==> flow/design.v <==
module alu_summer_blk (ck, RST, i_a, i_b, i_cin, o_result, o_carry_out);
   parameter DW = 48;
   parameter BLK = 6;
   input ck;
   input RST;
   input [DW-1:0] i_a;
   input [DW-1:0] i_b;
   input i_cin;
   output [DW-1:0] o_result;
   output o_carry_out;
   localparam SLICES = DW / BLK;
   wire [DW-1:0] t;
   wire [SLICES:0] cy;
   assign cy[0] = i_cin;
   genvar ii;
   generate
      for (ii = 0; ii < SLICES; ii = ii + 1) begin : stage
         wire [BLK:0] s0 = i_a[ii*BLK +: BLK] + i_b[ii*BLK +: BLK];
         wire [BLK:0] s1 = i_a[ii*BLK +: BLK] + i_b[ii*BLK +: BLK] + 1'b1;
         assign {cy[ii+1], t[ii*BLK +: BLK]} = cy[ii] ? s1 : s0;
      end
   endgenerate
   reg [DW-1:0] result_r;
   always @(posedge ck) begin
      if (RST) begin
         result_r <= 0;
      end else begin
         result_r <= t;
      end
   end
   assign o_result = result_r;
   reg carry_out_r;
   always @(posedge ck) begin
      if (RST) begin
         carry_out_r <= 1'b0;
      end else begin
         carry_out_r <= cy[SLICES];
      end
   end
   assign o_carry_out = carry_out_r;
endmodule
; ---- Step by step through the tools: alu_summer_blk
; Module alu_summer_blk in several versions that differ in "BLK"; each step lists the members.
; The file above is the member BLK 6. Line numbers count from 1 in each member's own file.
; Library cell names are shortened.
; A cell with -- has no value.
[setup]
top = alu_summer_blk
clock = ck
cell_library = sky130hd
corner = tt_025C_1v80

; ---- Source of the members
; Lines of each other member's file that are new or changed against the file above; lines that a member lacks are not shown.
[src_changes]
columns = BLK, line
row1 = 12, 3  ; parameter BLK = 12;
row2 = 16, 3  ; parameter BLK = 16;

; ---- After elaboration
; Counts by Yosys on the flattened word-level netlist (proc, flatten, opt, wreduce; memories kept). Register bits leave out memories and registers merged into their read ports (data or address); mux counts leave out enables and synchronous resets folded into registers. Print and check cells are left out. Cells with the same type and inputs are merged into one.
[bits]
columns = BLK, ff_bits, input_bits, out_inout_bits, elab_cells
row1 = 6, 49, 99, 49, 26
row2 = 12, 49, 99, 49, 14
row3 = 16, 49, 99, 49, 11
[op_classes]
columns = BLK, addsub, mux
row1 = 6, 16, 8
row2 = 12, 8, 4
row3 = 16, 6, 3
[op_table]
columns = BLK, op_list
row1 = 6, adder 6 x 6 -> 7 bit: 8; adder 7 x 1 -> 7 bit (second input constant): 8; 2-to-1 mux 7 bit: 8
row2 = 12, adder 12 x 12 -> 13 bit: 4; adder 13 x 1 -> 13 bit (second input constant): 4; 2-to-1 mux 13 bit: 4
row3 = 16, adder 16 x 16 -> 17 bit: 3; adder 17 x 1 -> 17 bit (second input constant): 3; 2-to-1 mux 17 bit: 3

; ---- Logic depth
; Depth = most cells in a row (Yosys ltp): at word level without a register or memory, in the mapped netlist without a sequential cell, where the memories' decode and read muxes count.
[depth]
columns = BLK, ltp_word, ABC_AREA, ltp_mapped, mapped_depth_nobuf
row1 = 6, 10, 0, 17, 16
row2 = 12, 6, 0, 16, 14
row3 = 16, 5, 0, 15, 14

; ---- Mapped cells and area
; Source: synth_stat.txt of the flow (Yosys; design flattened, memories mapped). It holds for the ABC_AREA given above (unset counts as 0); a run with the other value may have another netlist.
[synth_totals]
columns = BLK, cells, area_um2, sequential_area_um2, ffs, buf_cells
row1 = 6, 490, 4264.1, 980.9, 49, 7
row2 = 12, 561, 4431.8, 980.9, 49, 12
row3 = 16, 693, 5480.3, 980.9, 49, 19
[types]
columns = BLK, type_list
row1 = 6, dfxtp_1: 49; ha_1: 56; xnor2_1: 42; nor2_1: 76; xor2_1: 23; a21oi_1: 34; fa_1: 8; mux2i_1: 12; nand2_1: 25; a21o_1: 12; inv_1: 23; o21bai_1: 10; nand3_1: 14; and3_1: 9; nor2b_1: 9; mux2_1: 4; and4_1: 4; nand4_1: 5; [+75]
row2 = 12, dfxtp_1: 49; ha_1: 52; xnor2_1: 35; nor2_1: 70; xor2_1: 25; a21oi_1: 33; nand2_1: 42; nand3_1: 25; nor3_1: 23; inv_1: 27; o21ai_0: 19; fa_1: 4; a211oi_1: 10; nand4_1: 11; or3_1: 10; a21o_1: 8; and3_1: 8; a31o_2: 5; [+105]
row3 = 16, dfxtp_1: 49; ha_1: 51; nor2_1: 69; xnor2_1: 29; a21oi_1: 48; nand2_1: 60; o21ai_0: 32; nand3_1: 31; xor2_1: 16; a21o_1: 16; inv_1: 28; and2_1: 15; mux2i_1: 9; nor3_1: 18; nand4_1: 13; or3_1: 12; xnor2_2: 4; and3_1: 10; [+183]
; The mark [+n] counts cells that are not listed.

; ---- Worst setup path after synthesis
; Path of least setup slack by OpenSTA after synthesis, without wires, with an ideal clock, recovery checks aside; 20% of the period is set as input and as output delay. Where synthesis merged equal registers, the netlist keeps one of their names.
[synth_timing]
columns = BLK, kind, start, end, tclk_ps, path_slack_ps, stages, delay_ps, synth_period_reached_ps
row1 = 6, input to register, input i_a[0], register result_r[42], 6090, 975, 16, 3897, 5115
row2 = 12, input to register, input i_a[0], register carry_out_r, 5620, 896, 14, 3600, 4724
row3 = 16, input to register, input i_a[16], register result_r[37], 5490, 877, 13, 3515, 4613
; "delay_ps" is the arrival time less input delay plus setup time.
; "stages" counts driving pins, that of a launching flip-flop among them; a cell with two outputs on the path counts twice.
; "synth_period_reached_ps" is the clock period less the worst setup slack; recovery checks do not enter. This is arithmetic on one report: input and output delays are still those of the set period (20% each).
; Between the ends stands the longest chain of elaborated cells between them, by number of cells; it is not shown to be the way that was timed. Of several equally long chains one is given.
; Each line given opens the expression or statement behind the cell; cells for indexed reads and writes are added by Yosys, which also makes memories of some case tables.
[synth_between_BLK_6]
elab_chain_cells = 10
[synth_lines_BLK_6]
columns = element, line
row1 = from (decl), 6  ; input [DW-1:0] i_a;
row2 = adder 6 x 6 -> 7 bit, 19  ; wire [BLK:0] s1 = i_a[ii*BLK +: BLK] + i_b[ii*BLK +: BLK] + 1'b1;
row3 = adder 7 x 1 -> 7 bit, 19
row4 = 2-to-1 mux 7 bit x8, 20  ; assign {cy[ii+1], t[ii*BLK +: BLK]} = cy[ii] ? s1 : s0;
row5 = to (assign), 26  ; result_r <= 0;
row6 = to (assign), 28  ; result_r <= t;
row7 = to (decl), 23  ; reg [DW-1:0] result_r;
[synth_between_BLK_16]
elab_chain_cells = 4
[synth_lines_BLK_16]
columns = element, line
row1 = from (decl), 6  ; input [DW-1:0] i_a;
row2 = adder 16 x 16 -> 17 bit, 19  ; wire [BLK:0] s1 = i_a[ii*BLK +: BLK] + i_b[ii*BLK +: BLK] + 1'b1;
row3 = adder 17 x 1 -> 17 bit, 19
row4 = 2-to-1 mux 17 bit x2, 20  ; assign {cy[ii+1], t[ii*BLK +: BLK]} = cy[ii] ? s1 : s0;
row5 = to (assign), 26  ; result_r <= 0;
row6 = to (assign), 28  ; result_r <= t;
row7 = to (decl), 23  ; reg [DW-1:0] result_r;

; ---- Worst path after layout
; From the final timing report of the run of each member: the path of least setup slack in the routed layout; clock arrival at registers is part of the times.
; The path's times are printed in steps of 10 ps; the period is the one set.
[layout_timing]
columns = BLK, kind, start, end, tclk_ps, path_slack_ps, stages, arrival_time_ps, path_buffers
row1 = 6, input to register, input i_a[12], register result_r[45], 6090, 610, 17, 5670, 1
row2 = 12, input to register, input i_a[0], register result_r[41], 5620, 420, 15, 5390, 1
row3 = 16, input to register, input i_b[0], register result_r[37], 5490, 660, 14, 5020, 1

; ---- Layout results
; Settings and results of one run of the flow (Yosys, OpenROAD) for each member follow. The constraints put input and output delay at 20% of the set period each and load the outputs with 0.01 pF.
[flow_settings]
CAP_MARGIN = 20
CORE_MARGIN = 2
CORE_UTILIZATION = 40
SLEW_MARGIN = 20
[settings_by_member]
columns = BLK, period_ns
row1 = 6, 6.09
row2 = 12, 5.62
row3 = 16, 5.49
[results]
columns = BLK, ys_area_um2, die_area_um2, layout_stdcell_area_um2, utilization_frac, ws_setup_ps, setupTns_ps, timing.hold.ws_ps, total_power_uw, timing.achieved_period_ps
row1 = 6, 4264.1, 11502.6, 5977.0, 0.579, 614, 0, 1576, 1150, 5476
row2 = 12, 4431.8, 11937.7, 6198.4, 0.572, 423, 0, 1435, 1345, 5197
row3 = 16, 5480.3, 14653.1, 7315.8, 0.55, 660, 0, 1389, 1577, 4830
; "timing.achieved_period_ps": clock period set for the run, less the worst setup slack. It is reckoned from that one timing run; input and output delays stay at 20% of the period that was set.
; "total_power_uw" rests on the timing tool's default activity at the inputs, not on a simulated workload.
